==> flow/design.v <==
module my_summer_rtl #(
   parameter integer BITS = 40
) (
   input logic clock,
   input logic srst,
   input logic [BITS-1:0] in_dataa,
   input logic [BITS-1:0] in_datab,
   input logic in_carry_in,
   output logic [BITS-1:0] out_s,
   output logic out_ovf
);
   logic [BITS-1:0] dataa_reg;
   logic [BITS-1:0] datab_reg;
   logic carry_in_reg;
   logic [BITS-1:0] tmp;
   logic [BITS:0] c;
   assign c[0] = carry_in_reg;
   for (genvar gi = 0; gi < BITS; gi++) begin : row
      assign tmp[gi] = dataa_reg[gi] ^ datab_reg[gi] ^ c[gi];
      assign c[gi+1] = (dataa_reg[gi] & datab_reg[gi]) | (c[gi] & (dataa_reg[gi] ^ datab_reg[gi]));
   end
   assign out_s = tmp;
   assign out_ovf = c[BITS];
   always_ff @(posedge clock or posedge srst) begin
      if (srst) begin
         dataa_reg <= 0;
         datab_reg <= 0;
         carry_in_reg <= 1'b0;
      end else begin
         dataa_reg <= in_dataa;
         datab_reg <= in_datab;
         carry_in_reg <= in_carry_in;
      end
   end
endmodule
Reports on my_summer_rtl
Tool output for the design above, in the order of the flow.
Lines are those of the file above, counted from 1.
Operators: Yosys type, input widths -> output width; for muxes data width and select width s.
Cell names lack the library's common part.
{ "design": {"top": "my_summer_rtl", "clock_port": "clock", "cell_library": "sky130hd", "pvt_corner": "tt_025C_1v80"} }

After elaboration
Source: Yosys, flattened and elaborated, memories not mapped. Widths are those after wreduce; folded enables and synchronous resets count as part of the registers. Registers that Yosys merges into a memory's read port (data or address) are not register bits. Print and check cells do not count. Equal cells are merged and count once.
{ "bits": {"reg_bits": 81, "elab_cells": 203, "input_bits": 83, "output_inout_bits": 41} }
{ "classes": {"bitwise": 200} }
{ "ops": {"columns": ["op", "n"], "rows": [
  ["$and 1x1->1", 80],
  ["$xor 1x1->1", 80],
  ["$or 1x1->1", 40]
]} }

Longest topological paths
Depth = most cells in a row (Yosys ltp): at word level without a register or memory, in the mapped netlist without a sequential cell, where the memories' decode and read muxes count.
{ "logic_depth": {"word_depth": 81, "abc_area": 0, "ltp_mapped": 44, "depth_no_buf": 44} }

Netlist
The flow's flattened synthesis, as Yosys stat reports it; memories are mapped. The netlist is that of the ABC_AREA named above (0 if unset); the other value can give another one.
{ "types": {"columns": ["type", "n", "type_area_um2"], "rows": [
  ["dfrtp_1", 81, 2.03E+03],
  ["fa_1", 40, 800.768],
  ["inv_1", 11, 41.29]
]} }
{ "mapped": {"sequential_area_um2": 2026.9, "cell_count": 132, "buffers": 0, "flip_flops": 81, "area_um2": 2869.0} }

Worst setup path after synthesis
Source: OpenSTA report_checks on the synthesized netlist (no wires, ideal clock, input and output delay 20% of the period each), path of least setup slack; recovery checks are left aside. Register names are those of the netlist, which keeps one name where synthesis merged equal registers.
{ "synth_timing": {"path_type": "reg-to-output", "start": "register dataa_reg[0]", "end": "output port out_s[39]", "output_delay_ns": 4.880, "stages": 45, "t_arrival_ns": 15.593, "slack_ns": 3.927, "required_ns": 19.520, "path_buffers": 0, "delay_ns": 15.593, "tclk_ns": 24.4, "launch_ns": 0.000, "synth_period_reached_ns": 20.473} }
"delay_ns" = arrival - input delay + setup time.
At an output port there is no setup time.
"stages": output pins that drive a net of the path, with the launching flip-flop's if there is one; two outputs of one cell count as two.
"synth_period_reached_ns" = period - worst setup slack (recovery checks aside). The figure is calculated, with input and output delays left at 20% of the set period.
Between the ends stands the longest chain of elaborated cells between them, by number of cells; it is not shown to be the way that was timed. Of several equally long chains one is given.
A line is the first line of the expression or statement that the cell stems from. Yosys adds cells for indexed reads and writes and turns some case tables into memories.
{ "synth_between": {"path_cell_list": "dfrtp_1 fa_1 fa_1 fa_1 fa_1 fa_1 fa_1 fa_1 fa_1 fa_1 fa_1 fa_1 fa_1 fa_1 fa_1 fa_1 fa_1 fa_1 [... 9 more ...] fa_1 fa_1 fa_1 fa_1 fa_1 fa_1 fa_1 fa_1 fa_1 fa_1 fa_1 inv_1 fa_1 inv_1 fa_1 inv_1 fa_1 inv_1", "elab_chain_cells": 80, "cells_between": 81, "cone_classes": "logic (81)"} }
{ "synth_rtl": {"columns": ["element", "line", "rtl"], "rows": [
  ["start, declared", 12, "logic [BITS-1:0] dataa_reg;"],
  ["start, assigned", 26, "dataa_reg <= 0;"],
  ["start, assigned", 30, "dataa_reg <= in_dataa;"],
  ["$xor 1x1->1", 20, "assign c[gi+1] = (dataa_reg[gi] & datab_reg[gi]) | (c[gi] & (dataa_reg[gi] ^ datab_reg[gi]));"],
  ["$and 1x1->1", 20, null],
  ["$or 1x1->1", 20, null],
  ["$and 1x1->1", 20, null],
  ["$or 1x1->1", 20, null],
  ["$and 1x1->1", 20, null],
  ["$or 1x1->1", 20, null],
  ["[... 66 more ...]", null, null],
  ["$and 1x1->1", 20, null],
  ["$or 1x1->1", 20, null],
  ["$and 1x1->1", 20, null],
  ["$or 1x1->1", 20, null],
  ["$and 1x1->1", 20, null],
  ["$or 1x1->1", 20, null],
  ["$xor 1x1->1", 19, "assign tmp[gi] = dataa_reg[gi] ^ datab_reg[gi] ^ c[gi];"],
  ["end, declared", 9, "output logic [BITS-1:0] out_s,"]
]} }

Timing after layout
From the final timing report of run B: the path of least setup slack in the routed layout; clock arrival at registers is part of the times.
{ "layout_timing": {"path_type": "reg-to-output", "start": "register dataa_reg[0]", "end": "output port out_s[39]", "slack_ns": 2.48, "path_buffers": 1, "required_ns": 19.52, "t_arrival_ns": 17.04, "stages": 46, "tclk_ns": 24.4, "output_delay_ns": 4.88, "launch_ns": 0.33} }
Between the ends stands the longest chain of elaborated cells between them, by number of cells; it is not shown to be the way that was timed. Of several equally long chains one is given.
{ "layout_between": {"path_cell_list": "dfrtp_1 fa_1 fa_1 fa_1 fa_1 fa_1 fa_1 fa_1 fa_1 fa_1 fa_1 fa_1 fa_1 fa_1 fa_1 fa_1 fa_1 fa_1 [... 10 more ...] fa_1 fa_1 fa_1 fa_1 fa_1 fa_1 fa_1 fa_1 fa_1 fa_1 inv_1 fa_1 inv_1 fa_1 inv_1 fa_1 inv_1 clkdlybuf4s50_1", "elab_chain_cells": 80, "cells_between": 81, "cone_classes": "logic (81)"} }
{ "layout_rtl": {"columns": ["element", "line", "rtl"], "rows": [
  ["start, declared", 12, "logic [BITS-1:0] dataa_reg;"],
  ["start, assigned", 26, "dataa_reg <= 0;"],
  ["start, assigned", 30, "dataa_reg <= in_dataa;"],
  ["$xor 1x1->1", 20, "assign c[gi+1] = (dataa_reg[gi] & datab_reg[gi]) | (c[gi] & (dataa_reg[gi] ^ datab_reg[gi]));"],
  ["$and 1x1->1", 20, null],
  ["$or 1x1->1", 20, null],
  ["$and 1x1->1", 20, null],
  ["$or 1x1->1", 20, null],
  ["$and 1x1->1", 20, null],
  ["$or 1x1->1", 20, null],
  ["[... 66 more ...]", null, null],
  ["$and 1x1->1", 20, null],
  ["$or 1x1->1", 20, null],
  ["$and 1x1->1", 20, null],
  ["$or 1x1->1", 20, null],
  ["$and 1x1->1", 20, null],
  ["$or 1x1->1", 20, null],
  ["$xor 1x1->1", 19, "assign tmp[gi] = dataa_reg[gi] ^ datab_reg[gi] ^ c[gi];"],
  ["end, declared", 9, "output logic [BITS-1:0] out_s,"]
]} }

--- measured runs ---
Top module my_summer_rtl; platform sky130hd; tools Yosys and OpenROAD; 3 stored runs in no particular order. Input and output delays are each 20% of the period that was set; the output load is 0.01 pF.
By "achieved_period_ns" is meant the clock period of the run minus its worst setup slack. This is arithmetic on one report: input and output delays are still those of the set period (20% each).
"worstPathTime_ns" is the time allowed to the run's worst setup path (the clock period less input and output delay, where it has them) less its slack. Clock arrival times count: a late capture clock shortens it, a late launch clock lengthens it.
[
  {
    "run": "run A",
    "settings": { "period_ns": 25.3, "CORE_UTILIZATION": 66, "CELL_PAD_IN_SITES_GLOBAL_PLACEMENT": 2, "GPL_TIMING_DRIVEN": 0, "SLEW_MARGIN": 15, "MIN_ROUTING_LAYER": "met2", "CAP_MARGIN": 20, "CORE_MARGIN": 2 },
    "outcome": "no results, placement failed with GPL-0301"
  },
  {
    "run": "run B",
    "settings": { "period_ns": 24.4, "CAP_MARGIN": 20, "CORE_MARGIN": 2, "CORE_UTILIZATION": 40, "SLEW_MARGIN": 20 },
    "results": { "yosys_chip_area_um2": 2869.0, "worstPathTime_ns": 17.04, "worst_path_kind": "reg-to-output", "final_die_area_um2": 7865.9, "finish.utilization_frac": 0.65, "worst_setup_slack_ns": 2.478, "achieved_period_ns": 21.922, "total_negative_slack_ns": 0.000 }
  },
  {
    "run": "run C",
    "settings": { "period_ns": 15.7, "CORE_UTILIZATION": 54, "SETUP_SLACK_MARGIN": 2.21, "PLACE_DENSITY_LB_ADDON": 0.15, "ABC_AREA": 1, "GPL_TIMING_DRIVEN": 0, "CAP_MARGIN": 15, "MAX_ROUTING_LAYER": "met4", "CORE_MARGIN": 2, "SLEW_MARGIN": 20 },
    "results": { "yosys_chip_area_um2": 2869.0, "worstPathTime_ns": 15.20, "worst_path_kind": "reg-to-output", "final_die_area_um2": 5912.1, "finish.utilization_frac": 0.883, "worst_setup_slack_ns": -2.642, "achieved_period_ns": 18.342, "total_negative_slack_ns": -13.864 }
  }
]
--- end ---
